==> flow/design.v <==
module row #(parameter N = 4) (
    input wire [N-1:0] a,
    input wire sel,
    input wire [N-1:0] pin,
    output wire [N:0] pout
);
    assign pout = pin + (a & {N{sel}});
endmodule
module multiplier_rtl #(
    parameter NBITS = 6
) (
    input wire i_clk,
    input wire i_rst,
    input wire [NBITS-1:0] x,
    input wire [NBITS-1:0] y,
    output wire [2*NBITS-1:0] m
);
    wire [NBITS:0] nd [0:NBITS];
    wire [NBITS-1:0] low;
    assign nd[0] = 0;
    genvar k;
    generate
        for (k = 0; k < NBITS; k = k + 1) begin : slice
            row #(.N(NBITS)) u (.a(x), .sel(y[k]), .pin(nd[k][NBITS:1]), .pout(nd[k+1]));
            assign low[k] = nd[k+1][0];
        end
    endgenerate
    reg [2*NBITS-1:0] m_s;
    always @(posedge i_clk) begin
        if (i_rst) begin
            m_s <= 0;
        end else begin
            m_s <= {nd[NBITS][NBITS:1], low};
        end
    end
    assign m = m_s;
endmodule
* Step by step through the tools: multiplier_rtl
Module multiplier_rtl in several versions that differ in "NBITS"; each step lists the members.
The RTL above is that of NBITS = 6; lines are counted from 1 in the file of the member named.
Library cell names are shortened.
The mark -- stands for no value.
- Top :: multiplier_rtl
- Clock :: i_clk
- Standard-cell library :: sky130hd
- Timing corner :: tt_025C_1v80

* Source of the members
Lines of each other member's file that are new or changed against the file above; lines that a member lacks are not shown.
** Lines new or changed
- NBITS 7 :: RTL line 10 : parameter NBITS = 7
- NBITS 12 :: RTL line 10 : parameter NBITS = 12
- NBITS 22 :: RTL line 10 : parameter NBITS = 22

* Elaborated design
Yosys after proc, flatten, opt, wreduce and memory -nomap, before mapping. Enables and synchronous resets that opt folds into registers are not counted as muxes. Memory bits, and registers merged into a memory's read port (data or address), are not among the register bits. Print and check cells are not counted. Equal cells are merged and count once.
** Storage and ports
- NBITS 6 :: cells after elaboration 12, output and inout port bits 12, memories kept 0, clocked read ports x word width 0, bits in registers 12, bits in latches 0, ROM bits 0, bits in writable memories 0
- NBITS 7 :: cells after elaboration 14, output and inout port bits 14, memories kept 0, clocked read ports x word width 0, bits in registers 14, bits in latches 0, ROM bits 0, bits in writable memories 0
- NBITS 12 :: cells after elaboration 24, output and inout port bits 24, memories kept 0, clocked read ports x word width 0, bits in registers 24, bits in latches 0, ROM bits 0, bits in writable memories 0
- NBITS 22 :: cells after elaboration 44, output and inout port bits 44, memories kept 0, clocked read ports x word width 0, bits in registers 44, bits in latches 0, ROM bits 0, bits in writable memories 0
** Cells by class
- NBITS 6 :: eq/ne operators 0, reductions and logical operators 0, divide/modulo/power cells 0, multiplexer cells 0, bitwise gates (word level) 6, shifts and indexed selects 0, multipliers 0, order comparisons 0, add/subtract/negate cells 5
- NBITS 7 :: eq/ne operators 0, reductions and logical operators 0, divide/modulo/power cells 0, multiplexer cells 0, bitwise gates (word level) 7, shifts and indexed selects 0, multipliers 0, order comparisons 0, add/subtract/negate cells 6
- NBITS 12 :: eq/ne operators 0, reductions and logical operators 0, divide/modulo/power cells 0, multiplexer cells 0, bitwise gates (word level) 12, shifts and indexed selects 0, multipliers 0, order comparisons 0, add/subtract/negate cells 11
- NBITS 22 :: eq/ne operators 0, reductions and logical operators 0, divide/modulo/power cells 0, multiplexer cells 0, bitwise gates (word level) 22, shifts and indexed selects 0, multipliers 0, order comparisons 0, add/subtract/negate cells 21
** Operators by type and width (kind and count)
- NBITS 6 :: bitwise AND 6 bit: 6; adder 6 x 7 -> 7 bit: 4; adder 5 x 7 -> 7 bit: 1
- NBITS 7 :: bitwise AND 7 bit: 7; adder 7 x 8 -> 8 bit: 5; adder 6 x 8 -> 8 bit: 1
- NBITS 12 :: bitwise AND 12 bit: 12; adder 12 x 13 -> 13 bit: 10; adder 11 x 13 -> 13 bit: 1
- NBITS 22 :: bitwise AND 22 bit: 22; adder 22 x 23 -> 23 bit: 20; adder 21 x 23 -> 23 bit: 1

* Depth
Yosys ltp: most cells in a row. Word level: on the elaborated netlist, between registers, memories and ports. Mapped: between sequential cells and ports; inverters and the memories' decode and read muxes count.
** Depth
- NBITS 6 :: depth in word-level cells 6, ABC_AREA 0, mapped depth 25, gate-level depth less buffers 25
- NBITS 7 :: depth in word-level cells 7, ABC_AREA 0, mapped depth 31, gate-level depth less buffers 31
- NBITS 12 :: depth in word-level cells 12, ABC_AREA 0, mapped depth 70, gate-level depth less buffers 66
- NBITS 22 :: depth in word-level cells 22, ABC_AREA 0, mapped depth 133, gate-level depth less buffers 132

* Netlist
Source: synth_stat.txt of the flow (Yosys; design flattened, memories mapped). It holds for the ABC_AREA given above (unset counts as 0); a run with the other value may have another netlist.
** Cell types (types with counts)
- NBITS 6 :: ha_1: 29; dfxtp_1: 12; and2_1: 32; xnor2_1: 12; fa_1: 5; a211oi_1: 9; a21o_1: 8; a21oi_1: 12; o21ai_0: 12; nor2b_1: 8; nor2_1: 11; inv_1: 10; o21bai_1: 4; xor2_1: 3; nand2_1: 6; o21a_1: 3; nand2b_1: 3; o31a_1: 2; (+9)
- NBITS 7 :: ha_1: 41; dfxtp_1: 14; and2_1: 42; xnor2_1: 14; a21oi_1: 24; fa_1: 6; nor2_1: 26; o21ai_0: 19; a211oi_1: 11; inv_1: 21; o21a_1: 10; nor2b_4: 4; nor2b_1: 8; nand2_1: 13; a21o_1: 6; o211ai_1: 6; o31a_1: 4; nor3_1: 6; (+21)
- NBITS 12 :: ha_1: 134; and2_1: 136; xnor2_1: 68; dfxtp_1: 24; a21oi_1: 79; nor2_1: 72; o21ai_0: 48; a21o_1: 31; inv_1: 61; fa_1: 11; nand2_1: 54; nor2b_1: 30; o21a_1: 23; a211oi_1: 21; clkbuf_1: 35; nor3_1: 24; o21bai_1: 16; xor2_1: 13; (+187)
- NBITS 22 :: ha_1: 461; and2_1: 476; xnor2_1: 288; a21oi_1: 312; a21o_1: 171; nor2_1: 266; o21ai_0: 187; dfxtp_1: 44; xor2_1: 79; inv_1: 179; nand2_1: 178; o21a_1: 67; nor2b_1: 68; fa_1: 21; clkbuf_1: 105; o21bai_1: 49; nor3_1: 63; nand2b_1: 45; (+413)
The mark (+n) counts cells that are not listed.
** Synthesis totals
- NBITS 6 :: buffers 1, sequential area 240.2 µm², standard cells after synthesis 190, flip-flops 12, mapped area 1582.8 µm²
- NBITS 7 :: buffers 1, sequential area 280.3 µm², standard cells after synthesis 296, flip-flops 14, mapped area 2307.2 µm²
- NBITS 12 :: buffers 39, sequential area 480.5 µm², standard cells after synthesis 1067, flip-flops 24, mapped area 7798.7 µm²
- NBITS 22 :: buffers 106, sequential area 880.8 µm², standard cells after synthesis 3472, flip-flops 44, mapped area 24755.0 µm²
By module: a second synthesis without flattening, with its own total; a netlist apart from the flattened one above.
** Unflattened totals
- NBITS 6 :: cell total of the unflattened synthesis 230, area (unflattened synthesis) 2037.0 µm²
- NBITS 7 :: cell total of the unflattened synthesis 338, area (unflattened synthesis) 2706.3 µm²
- NBITS 12 :: cell total of the unflattened synthesis 1155, area (unflattened synthesis) 9135.0 µm²
- NBITS 22 :: cell total of the unflattened synthesis 4031, area (unflattened synthesis) 27935.5 µm²

* Timing after synthesis
OpenSTA on the mapped netlist: ideal clock, no wires. The path of least setup slack (recovery checks aside). Input and output delay are each 20% of the period. Register names are those of the netlist, which keeps one name where synthesis merged equal registers.
** Timing path post-synthesis
- NBITS 6 :: path type input-to-reg, start in x[1], end reg m_s[10], clock period 6.76 ns, setup slack 1.084 ns, path delay 4.324 ns, stages 20, synthesis period reached 5.676 ns
- NBITS 7 :: path type input-to-reg, start in y[0], end reg m_s[12], clock period 8.34 ns, setup slack 1.332 ns, path delay 5.340 ns, stages 27, synthesis period reached 7.008 ns
- NBITS 12 :: path type input-to-reg, start in y[0], end reg m_s[22], clock period 20.4 ns, setup slack 3.255 ns, path delay 13.065 ns, stages 66, synthesis period reached 17.145 ns
- NBITS 22 :: path type input-to-reg, start in x[0], end reg m_s[42], clock period 34.8 ns, setup slack 5.586 ns, path delay 22.255 ns, stages 119, synthesis period reached 29.214 ns
"path delay" is the arrival time less input delay plus setup time.
"stages" counts driving pins, that of a launching flip-flop among them; a cell with two outputs on the path counts twice.
"synthesis period reached" = period - worst setup slack (recovery checks aside). The figure is calculated, with input and output delays left at 20% of the set period.
The rows between start and end are the longest chain of elaborated cells between them; the timing report does not say that the signal goes this way. Where chains are equally long, one stands for them.
Each line given opens the expression or statement behind the cell; cells for indexed reads and writes are added by Yosys, which also makes memories of some case tables.
On the way, post-synthesis, NBITS = 6:
- Length of the longest elaborated chain :: 6
** Ends and longest elaborated chain, post-synthesis, NBITS = 6
- start: declaration :: RTL line 14 : input wire [NBITS-1:0] x,
- bitwise AND 6 bit :: RTL line 7 : assign pout = pin + (a & {N{sel}});
- adder 5 x 7 -> 7 bit :: RTL line 7
- adder 6 x 7 -> 7 bit (4 in a row) :: RTL line 7
- end: assignment :: RTL line 31 : m_s <= 0;
- end: assignment :: RTL line 33 : m_s <= {nd[NBITS][NBITS:1], low};
- end: declaration :: RTL line 28 : reg [2*NBITS-1:0] m_s;
On the way, post-synthesis, NBITS = 22:
- Length of the longest elaborated chain :: 22
** Ends and longest elaborated chain, post-synthesis, NBITS = 22
- start: declaration :: RTL line 14 : input wire [NBITS-1:0] x,
- bitwise AND 22 bit :: RTL line 7 : assign pout = pin + (a & {N{sel}});
- adder 21 x 23 -> 23 bit :: RTL line 7
- adder 22 x 23 -> 23 bit (20 in a row) :: RTL line 7
- end: assignment :: RTL line 31 : m_s <= 0;
- end: assignment :: RTL line 33 : m_s <= {nd[NBITS][NBITS:1], low};
- end: declaration :: RTL line 28 : reg [2*NBITS-1:0] m_s;

* Worst path after layout
Path of least setup slack in the final report of each member's run (OpenROAD, finished layout, wires in). Where an end is a register, its clock arrival counts in the times.
** Timing path post-layout
- NBITS 6 :: path type input-to-reg, start in y[0], end reg m_s[10], setup slack 0.44 ns, stages 22, clock period 6.76 ns, data arrival time 6.49 ns, path buffers 1
- NBITS 7 :: path type input-to-reg, start in x[1], end reg m_s[12], setup slack 0.57 ns, stages 27, clock period 8.34 ns, data arrival time 7.94 ns, path buffers 1
- NBITS 12 :: path type input-to-reg, start in x[10], end reg m_s[22], setup slack 1.62 ns, stages 62, clock period 20.4 ns, data arrival time 18.88 ns, path buffers 1
- NBITS 22 :: path type input-to-reg, start in y[0], end reg m_s[42], setup slack 2.29 ns, stages 118, clock period 34.8 ns, data arrival time 32.74 ns, path buffers 1

* Flow runs
Settings and results of one run of the flow (Yosys, OpenROAD) for each member follow. The constraints put input and output delay at 20% of the set period each and load the outputs with 0.01 pF.
- CAP_MARGIN :: 20
- CORE_MARGIN :: 2
- CORE_UTILIZATION :: 40
- SLEW_MARGIN :: 20
** Settings by member (period_ns)
- NBITS 6 :: 6.76
- NBITS 7 :: 8.34
- NBITS 12 :: 20.4
- NBITS 22 :: 34.8
** Results
- NBITS 6 :: total negative setup slack 0.000 ns, total die area 4476.3 µm², lowest setup slack 0.445 ns, netlist area reported by Yosys 1582.8 µm², final worst hold slack 1.754 ns, achieved clock period 6.315 ns, area of the standard cells in the finished layout 1969.4 µm², final design utilization 0.526
- NBITS 7 :: total negative setup slack 0.000 ns, total die area 6391.2 µm², lowest setup slack 0.572 ns, netlist area reported by Yosys 2307.2 µm², final worst hold slack 2.103 ns, achieved clock period 7.768 ns, area of the standard cells in the finished layout 2732.6 µm², final design utilization 0.493
- NBITS 12 :: total negative setup slack 0.000 ns, total die area 20629.6 µm², lowest setup slack 1.625 ns, netlist area reported by Yosys 7798.7 µm², final worst hold slack 4.288 ns, achieved clock period 18.775 ns, area of the standard cells in the finished layout 8582.0 µm², final design utilization 0.445
- NBITS 22 :: total negative setup slack 0.000 ns, total die area 63892.7 µm², lowest setup slack 2.292 ns, netlist area reported by Yosys 24755.0 µm², final worst hold slack 7.250 ns, achieved clock period 32.508 ns, area of the standard cells in the finished layout 26593.0 µm², final design utilization 0.433
"achieved clock period": clock period set for the run, less the worst setup slack. It is reckoned from that one timing run; input and output delays stay at 20% of the period that was set.
